==> flow/design.v <==
module cmp_unit (clk, clk_en, in_da, in_db, out_below, out_equal, out_above);
  parameter integer WIDTH = 64;
  input clk;
  input clk_en;
  input [WIDTH-1:0] in_da;
  input [WIDTH-1:0] in_db;
  output reg out_below;
  output reg out_equal;
  output reg out_above;
  always @(posedge clk) begin
    if (clk_en) begin
      out_below <= (in_da < in_db);
    end
  end
  always @(posedge clk) begin
    if (clk_en) begin
      out_equal <= (in_da == in_db);
    end
  end
  always @(posedge clk) begin
    if (clk_en) begin
      out_above <= (in_da > in_db);
    end
  end
endmodule
Step by step through the tools: cmp_unit
Tool output for the design above, in the order of the flow.
Lines are those of the file above, counted from 1.
Operators: Yosys type, input widths -> output width; for muxes data width and select width s.
Library cell names are shortened.
{ "setup": {"top": "cmp_unit", "clock": "clk", "cell_library": "sky130hd", "lib_corner": "tt_025C_1v80"} }

Elaborated design
Yosys after proc, flatten, opt, wreduce and memory -nomap, before mapping. Enables and synchronous resets that opt folds into registers are not counted as muxes. Memory bits, and registers merged into a memory's read port (data or address), are not among the register bits. Print and check cells are not counted. Equal cells are merged and count once.
{ "bits": {"in_bits": 130, "out_inout_bits": 3, "elab_cells": 6, "ff_bits": 3} }
{ "op_classes": {"n_cmp": 2, "n_eq": 1} }
{ "ops": {"columns": ["cell", "count"], "rows": [
  ["$gt 64x64->1", 1],
  ["$lt 64x64->1", 1],
  ["$eq 64x64->1", 1]
]} }

Depth
Longest topological path by Yosys (ltp), each cell counted once; first at word level (registers and memories cut), then after technology mapping (sequential cells cut; the memories' decode and read muxes count).
{ "logic_depth": {"depth_word": 1, "abc_area": 0, "depth_mapped": 8, "mapped_depth_nobuf": 8} }

Netlist
Source: synth_stat.txt of the flow (Yosys; design flattened, memories mapped). It holds for the ABC_AREA given above (unset counts as 0); a run with the other value may have another netlist.
The area totals of this step are shown rounded.
{ "by_type": {"columns": ["cell_type", "count"], "rows": [
  ["ha_1", 64],
  ["inv_1", 66],
  ["a21oi_1", 25],
  ["edfxtp_1", 3],
  ["nand4_1", 14],
  ["nand2_1", 19],
  ["o21ai_0", 6],
  ["a221oi_1", 3],
  ["nand3_1", 5],
  ["nor2_1", 6],
  ["nor4_4", 1],
  ["nor3_1", 4],
  ["a21o_1", 2],
  ["a221oi_2", 1],
  ["o211ai_1", 2],
  ["o21ai_1", 3],
  ["a31oi_2", 1],
  ["nand4_2", 1]
]} }
Not listed: further types 12, cells in them 12.
{ "mapped": {"buffers": 0, "yosys_area_um2": 1750, "flip_flops": 3, "cells": 238} }

Timing after synthesis
Path of least setup slack by OpenSTA after synthesis, without wires, with an ideal clock, recovery checks aside; 20% of the period is set as input and as output delay. Where synthesis merged equal registers, the netlist keeps one of their names.
{ "synth_timing": {"kind": "input-to-reg", "from": "input port in_db[45]", "to": "register out_above", "t_required_ns": 2.238, "clock_period_ns": 2.5, "setup_time_ns": 0.262, "arrival_time_ns": 1.841, "path_buffers": 0, "driving_pins": 8, "path_delay_ns": 1.603, "launch_ns": 0.500, "slack_ns": 0.397, "in_delay_ns": 0.500, "synth_period_reached_ns": 2.103} }
"path_delay_ns" is the arrival time less input delay plus setup time.
"driving_pins" counts driving pins, that of a launching flip-flop among them; a cell with two outputs on the path counts twice.
"synth_period_reached_ns" is the clock period less the worst setup slack; recovery checks do not enter. This is arithmetic on one report: input and output delays are still those of the set period (20% each).
The rows between start and end are the longest chain of elaborated cells between them; the timing report does not say that the signal goes this way. Where chains are equally long, one stands for them.
A line is the first line of the expression or statement that the cell stems from. Yosys adds cells for indexed reads and writes and turns some case tables into memories.
{ "synth_via": {"path_cell_list": "inv_1 -> ha_1 -> a21o_1 -> a21o_1 -> a221oi_2 -> o22ai_1 -> nor4_2 -> nor2_1", "elab_chain_len": 1, "cells_between": 1, "cone_lines": 1} }
{ "synth_lines": {"columns": ["element", "line", "text"], "rows": [
  ["from (decl)", 6, "input [WIDTH-1:0] in_db;"],
  ["$gt 64x64->1", 22, "out_above <= (in_da > in_db);"],
  ["to (assign)", 22, null],
  ["to (decl)", 9, "output reg out_above;"]
]} }

Worst path after layout
Path of least setup slack in the final report of run 2 (OpenROAD, finished layout, wires in). Where an end is a register, its clock arrival counts in the times.
{ "layout_timing": {"kind": "input-to-reg", "from": "input port in_db[59]", "to": "register out_below", "t_required_ns": 2.45, "arrival_time_ns": 2.35, "in_delay_ns": 0.50, "driving_pins": 9, "slack_ns": 0.11, "setup_time_ns": 0.26, "path_buffers": 2, "clock_period_ns": 2.5, "launch_ns": 0.50} }
The rows between start and end are the longest chain of elaborated cells between them; the timing report does not say that the signal goes this way. Where chains are equally long, one stands for them.
{ "layout_via": {"path_cell_list": "clkdlybuf4s50_1 -> inv_1 -> ha_1 -> nand4_1 -> nor4_4 -> buf_4 -> nand3_1 -> o22ai_2 -> nor4_4", "elab_chain_len": 1, "cells_between": 1, "cone_lines": 1} }
{ "layout_lines": {"columns": ["element", "line", "text"], "rows": [
  ["from (decl)", 6, "input [WIDTH-1:0] in_db;"],
  ["$lt 64x64->1", 12, "out_below <= (in_da < in_db);"],
  ["to (assign)", 12, null],
  ["to (decl)", 7, "output reg out_below;"]
]} }

Add stored flow runs of cmp_unit

Measured results for cmp_unit: 3 stored runs of the Yosys and OpenROAD flow on sky130hd. The settings differ; the order carries no meaning. The constraints put input and output delay at 20% of the set period each and load the outputs with 0.01 pF.
By "period achieved" is meant the clock period of the run minus its worst setup slack. This is arithmetic on one report: input and output delays are still those of the set period (20% each).
By "time of the worst setup path" is meant the share of the clock period that the worst setup path is allowed (20% is reserved at inputs, 20% at outputs), minus its slack. Clock arrival times at its registers enter into it.
"total power of the final layout" rests on the timing tool's default activity at the inputs, not on a simulated workload.
Values from the reports are rounded here.

==> run 1: settings <==
{ "period_ns": 3.44, "CORE_UTILIZATION": 52, "SETUP_SLACK_MARGIN": 0.23, "PLACE_DENSITY": 0.81, "HOLD_SLACK_MARGIN": -0.04, "CELL_PAD_IN_SITES_DETAIL_PLACEMENT": 2, "MIN_ROUTING_LAYER": "met2", "CAP_MARGIN": 20, "CORE_MARGIN": 2, "SLEW_MARGIN": 20 }
==> run 1: results <==
not finished: placement ended with a tool error

==> run 2: settings <==
{ "period_ns": 2.5, "CAP_MARGIN": 20, "CORE_MARGIN": 2, "CORE_UTILIZATION": 40, "SLEW_MARGIN": 20 }
==> run 2: results <==
period achieved: 2.394 ns
netlist area reported by Yosys: 1750 sq um
worst slack on setup checks: 0.106 ns
time of the worst setup path: 1.89 ns
worst setup path type: input-to-reg
final utilization: 79.5 %
total negative slack: 0.000 ns
worst-case hold slack: 0.951 ns
full die area: 4920 sq um
total power of the final layout: 0.704 mW
standard-cell area after layout: 3420 sq um

==> run 3: settings <==
{ "period_ns": 1.56, "CORE_UTILIZATION": 53, "PLACE_DENSITY_LB_ADDON": 0.11, "CELL_PAD_IN_SITES_DETAIL_PLACEMENT": 1, "TNS_END_PERCENT": 90, "GPL_TIMING_DRIVEN": 1, "GPL_ROUTABILITY_DRIVEN": 0, "CTS_CLUSTER_SIZE": 61, "CTS_CLUSTER_DIAMETER": 175, "SLEW_MARGIN": 20, "MIN_ROUTING_LAYER": "met1", "MAX_ROUTING_LAYER": "met5", "CAP_MARGIN": 20, "CORE_MARGIN": 2 }
==> run 3: results <==
not finished: placement ended with error FLW-0024
